==> flow/design.v <==
module u_selector #(
  parameter int NBITS = 20,
  parameter int COUNT = 8,
  parameter int LG = $clog2(COUNT)
) (
  input logic clock,
  input logic RSTN,
  input logic step,
  input logic [COUNT*NBITS-1:0] src_i,
  input logic [LG-1:0] select_i,
  output logic [NBITS-1:0] o_o
);
  logic [COUNT*NBITS-1:0] val;
  assign val = src_i >> (select_i * NBITS);
  always_ff @(posedge clock or negedge RSTN) begin
    if (~RSTN) begin
      o_o <= 0;
    end else if (step) begin
      o_o <= val[NBITS-1:0];
    end
  end
endmodule
* Step by step through the tools: u_selector
The steps from the RTL of u_selector to its reports follow in flow order. Line numbers count from 1 in the design file above. Cell names lack the library's common part. The mark -- stands for no value.
Design: design top u_selector, clock clock, standard-cell library sky130hd, corner tt_025C_1v80

* Word-level counts
Yosys after proc, flatten, opt, wreduce and memory -nomap, before mapping. Enables and synchronous resets that opt folds into registers are not counted as muxes. Memory bits, and registers merged into a memory's read port (data or address), are not among the register bits. Print and check cells are not counted. Equal cells are merged and count once.
Bit counts: bits in registers 20, ROM bits 0, input port bits 166, memories 0, bits in latches 0, output and inout bits 20, word width x clocked read ports 0, memory bits (writable) 0, elaborated cells 3
Cells by class: reduce/logical cells 0, divide/modulo/power cells 0, equal/unequal tests 0, $mul 1, add/sub/neg operators 0, magnitude comparators 0, muxes and demuxes 0, shift operators 1, bitwise gates (word level) 0
Operator list (count):
- 160-bit by 8-bit >> shifter with 20-bit output | 1
- 3-bit by 3-bit multiplier with 6-bit output with constant B | 1

* Depth
Longest topological path by Yosys (ltp), each cell counted once; first at word level (registers and memories cut), then after technology mapping (sequential cells cut; the memories' decode and read muxes count).
Depth: word-level depth 2, ABC_AREA 0, mapped depth 6, mapped depth without buffers 3

* After synthesis
Source: synth_stat.txt of the flow (Yosys; design flattened, memories mapped). It holds for the ABC_AREA given above (unset counts as 0); a run with the other value may have another netlist. The area totals of this step are shown rounded.
Synthesis totals: cell area after synthesis 2200 sq um, sequential part of the area 500 sq um, flip-flop cells 20, buffers 25, mapped cells 228
Cell types:
- mux2i_1 | count 60, area in all 600.576 sq um
- dfrtp_1 | count 20, area in all 500.48 sq um
- nor2b_1 | count 41, area in all 256.496 sq um
- a41o_1 | count 20, area in all 200.192 sq um
- a211o_1 | count 20, area in all 175.168 sq um
- a22oi_1 | count 20, area in all 150.144 sq um
- nand3_1 | count 20, area in all 100.096 sq um
- buf_6 | count 5, area in all 56.304 sq um
- buf_8 | count 3, area in all 45.043 sq um
- clkbuf_1 | count 9, area in all 33.782 sq um
- buf_2 | count 5, area in all 25.024 sq um
- buf_4 | count 3, area in all 22.522 sq um
- nand2b_1 | count 1, area in all 6.256 sq um
- nor2_1 | count 1, area in all 3.754 sq um

* Path before layout
OpenSTA on the mapped netlist: ideal clock, no wires. The path of least setup slack (recovery checks aside). Input and output delay are each 20% of the period. Register names are those of the netlist, which keeps one name where synthesis merged equal registers.
Timing post-synthesis: kind input-to-reg, start point input port select_i[0], end point register o_o[17], clock period 1540 ps, input delay 308 ps, delay of the path 987 ps, driving pins on the path 6, slack 245 ps, required time 1420 ps, arrival 1175 ps, launch time at the first pin 308 ps, buffers on the path 3, library setup time 120 ps, synthesis period reached 1295 ps
"delay of the path" = arrival - input delay + setup time. "driving pins on the path": output pins that drive a net of the path, with the launching flip-flop's if there is one; two outputs of one cell count as two. "synthesis period reached" = period - worst setup slack (recovery checks aside). The figure is calculated, with input and output delays left at 20% of the set period. The rows between start and end are the longest chain of elaborated cells between them; the timing report does not say that the signal goes this way. Where chains are equally long, one stands for them. A line is the first line of the expression or statement that the cell stems from. Yosys adds cells for indexed reads and writes and turns some case tables into memories.
Between the ends, post-synthesis: cells stage by stage buf_6 buf_6 buf_8 mux2i_1 nand3_1 a41o_1, length of the longest elaborated chain 2, elaborated cells on any way between the ends 2, source lines of those cells 1, classes of those cells 1 x mul; 1 x shift
RTL lines, path post-synthesis:
- start: declaration | RTL line 10 | input logic [LG-1:0] select_i,
- 3-bit by 3-bit multiplier with 6-bit output | RTL line 14 | assign val = src_i >> (select_i * NBITS);
- 160-bit by 8-bit >> shifter with 20-bit output | RTL line 14
- end: assignment | RTL line 17 | o_o <= 0;
- end: assignment | RTL line 19 | o_o <= val[NBITS-1:0];
- end: declaration | RTL line 11 | output logic [NBITS-1:0] o_o

* Worst path after layout
Path of least setup slack in the final report of run 1 (OpenROAD, finished layout, wires in). Where an end is a register, its clock arrival counts in the times. The report prints the path's times to 10 ps; the period is as set.
Timing after layout: kind input-to-reg, start point input port select_i[1], end point register o_o[13], driving pins on the path 6, launch time at the first pin 340 ps, buffers on the path 3, library setup time 60 ps, input delay 340 ps, arrival 1770 ps, required time 1910 ps, slack 150 ps, clock period 1710 ps
The rows between start and end are the longest chain of elaborated cells between them; the timing report does not say that the signal goes this way. Where chains are equally long, one stands for them.
Between the ends, after layout: cells stage by stage clkdlybuf4s50_1 buf_4 nor2_1 buf_4 a22oi_1 a41o_1, length of the longest elaborated chain 2, elaborated cells on any way between the ends 2, source lines of those cells 1, classes of those cells 1 x mul; 1 x shift
RTL lines, path after layout:
- start: declaration | RTL line 10 | input logic [LG-1:0] select_i,
- 3-bit by 3-bit multiplier with 6-bit output | RTL line 14 | assign val = src_i >> (select_i * NBITS);
- 160-bit by 8-bit >> shifter with 20-bit output | RTL line 14
- end: assignment | RTL line 17 | o_o <= 0;
- end: assignment | RTL line 19 | o_o <= val[NBITS-1:0];
- end: declaration | RTL line 11 | output logic [NBITS-1:0] o_o

Data sheet: physical implementation of u_selector

Settings and measured results of 3 stored flow runs for module u_selector (sky130hd), not sorted in any way. The constraints put input and output delay at 20% of the set period each and load the outputs with 0.01 pF.
"clock period achieved" is the run's clock period less its worst setup slack. It is reckoned from that one timing run; input and output delays stay at 20% of the period that was set.
"time of the worst setup path" = time allowed to the worst setup path (clock period - input delay - output delay, where it has them) - its slack; a late launch clock adds to it, a late capture clock takes from it.
"total power after layout": no workload was simulated; the value follows from the tool's default switching activity.
"time of the worst setup path" is given in steps of 10 ps.
The measured numbers are rounded.

[run 1] flow files
==> flow/run.sh <==
#!/bin/bash
# the make line also repeats the synthesis and layout settings of config.mk as NAME=value (left out here)
make -C /OpenROAD-flow-scripts/flow DESIGN_CONFIG=/design/flow/config.mk WORK_HOME=/design/flow/orfs CLKGATE_MAP_FILE= finish
==> flow/config.mk <==
export PLATFORM = sky130hd
export DESIGN_NAME = u_selector
export DESIGN_NICKNAME = u_selector
export VERILOG_FILES = /design/flow/design.v
export SDC_FILE = /design/flow/constraint.sdc
export NUM_CORES = 4
export LEC_CHECK = 0
export CAP_MARGIN = 20
export CELL_PAD_IN_SITES_DETAIL_PLACEMENT = 1
export CELL_PAD_IN_SITES_GLOBAL_PLACEMENT = 0
export CORE_MARGIN = 2
export CORE_UTILIZATION = 28
export GPL_ROUTABILITY_DRIVEN = 0
export MAX_ROUTING_LAYER = met5
export MIN_ROUTING_LAYER = met1
export PLACE_DENSITY_LB_ADDON = 0.05
export SLEW_MARGIN = 20
==> flow/constraint.sdc <==
create_clock -name core_clock -period 1.71 [get_ports {clock}]
set_input_delay 0.3420 -clock core_clock [delete_from_list [all_inputs] [get_ports {clock}]]
set_output_delay 0.3420 -clock core_clock [all_outputs]
set_load 0.01 [all_outputs]

[run 1] result: chip area in the Yosys report 2200 sq um; die footprint 8500 sq um; standard-cell area after layout 4300 sq um; utilization of the finished layout 56%; setup slack of the worst path 150 ps; final setup TNS 0 ps; total power after layout 2.0 mW; clock period achieved 1565 ps; time of the worst setup path 1220 ps; worst path kind input-to-reg

[run 2] flow files
==> flow/run.sh <==
#!/bin/bash
# the make line also repeats the synthesis and layout settings of config.mk as NAME=value (left out here)
make -C /OpenROAD-flow-scripts/flow DESIGN_CONFIG=/design/flow/config.mk WORK_HOME=/design/flow/orfs CLKGATE_MAP_FILE= finish
==> flow/config.mk <==
export PLATFORM = sky130hd
export DESIGN_NAME = u_selector
export DESIGN_NICKNAME = u_selector
export VERILOG_FILES = /design/flow/design.v
export SDC_FILE = /design/flow/constraint.sdc
export NUM_CORES = 4
export LEC_CHECK = 0
export CAP_MARGIN = 35
export CELL_PAD_IN_SITES_GLOBAL_PLACEMENT = 3
export CORE_MARGIN = 2
export CORE_UTILIZATION = 53
export CTS_CLUSTER_DIAMETER = 90
export CTS_CLUSTER_SIZE = 48
export GPL_ROUTABILITY_DRIVEN = 1
export MIN_ROUTING_LAYER = met1
export SLEW_MARGIN = 20
export TNS_END_PERCENT = 25
==> flow/constraint.sdc <==
create_clock -name core_clock -period 0.844 [get_ports {clock}]
set_input_delay 0.1688 -clock core_clock [delete_from_list [all_inputs] [get_ports {clock}]]
set_output_delay 0.1688 -clock core_clock [all_outputs]
set_load 0.01 [all_outputs]

[run 2] result: stopped before the end: placement reported GPL-0301

[run 3] flow files
==> flow/run.sh <==
#!/bin/bash
# the make line also repeats the synthesis and layout settings of config.mk as NAME=value (left out here)
make -C /OpenROAD-flow-scripts/flow DESIGN_CONFIG=/design/flow/config.mk WORK_HOME=/design/flow/orfs CLKGATE_MAP_FILE= finish
==> flow/config.mk <==
export PLATFORM = sky130hd
export DESIGN_NAME = u_selector
export DESIGN_NICKNAME = u_selector
export VERILOG_FILES = /design/flow/design.v
export SDC_FILE = /design/flow/constraint.sdc
export NUM_CORES = 4
export LEC_CHECK = 0
export CAP_MARGIN = 20
export CORE_MARGIN = 2
export CORE_UTILIZATION = 40
export SLEW_MARGIN = 20
==> flow/constraint.sdc <==
create_clock -name core_clock -period 1.54 [get_ports {clock}]
set_input_delay 0.3080 -clock core_clock [delete_from_list [all_inputs] [get_ports {clock}]]
set_output_delay 0.3080 -clock core_clock [all_outputs]
set_load 0.01 [all_outputs]

[run 3] result: chip area in the Yosys report 2200 sq um; die footprint 6000 sq um; standard-cell area after layout 4200 sq um; utilization of the finished layout 81%; setup slack of the worst path 38 ps; final setup TNS 0 ps; total power after layout 2.3 mW; clock period achieved 1502 ps; time of the worst setup path 1190 ps; worst path kind reg-to-output
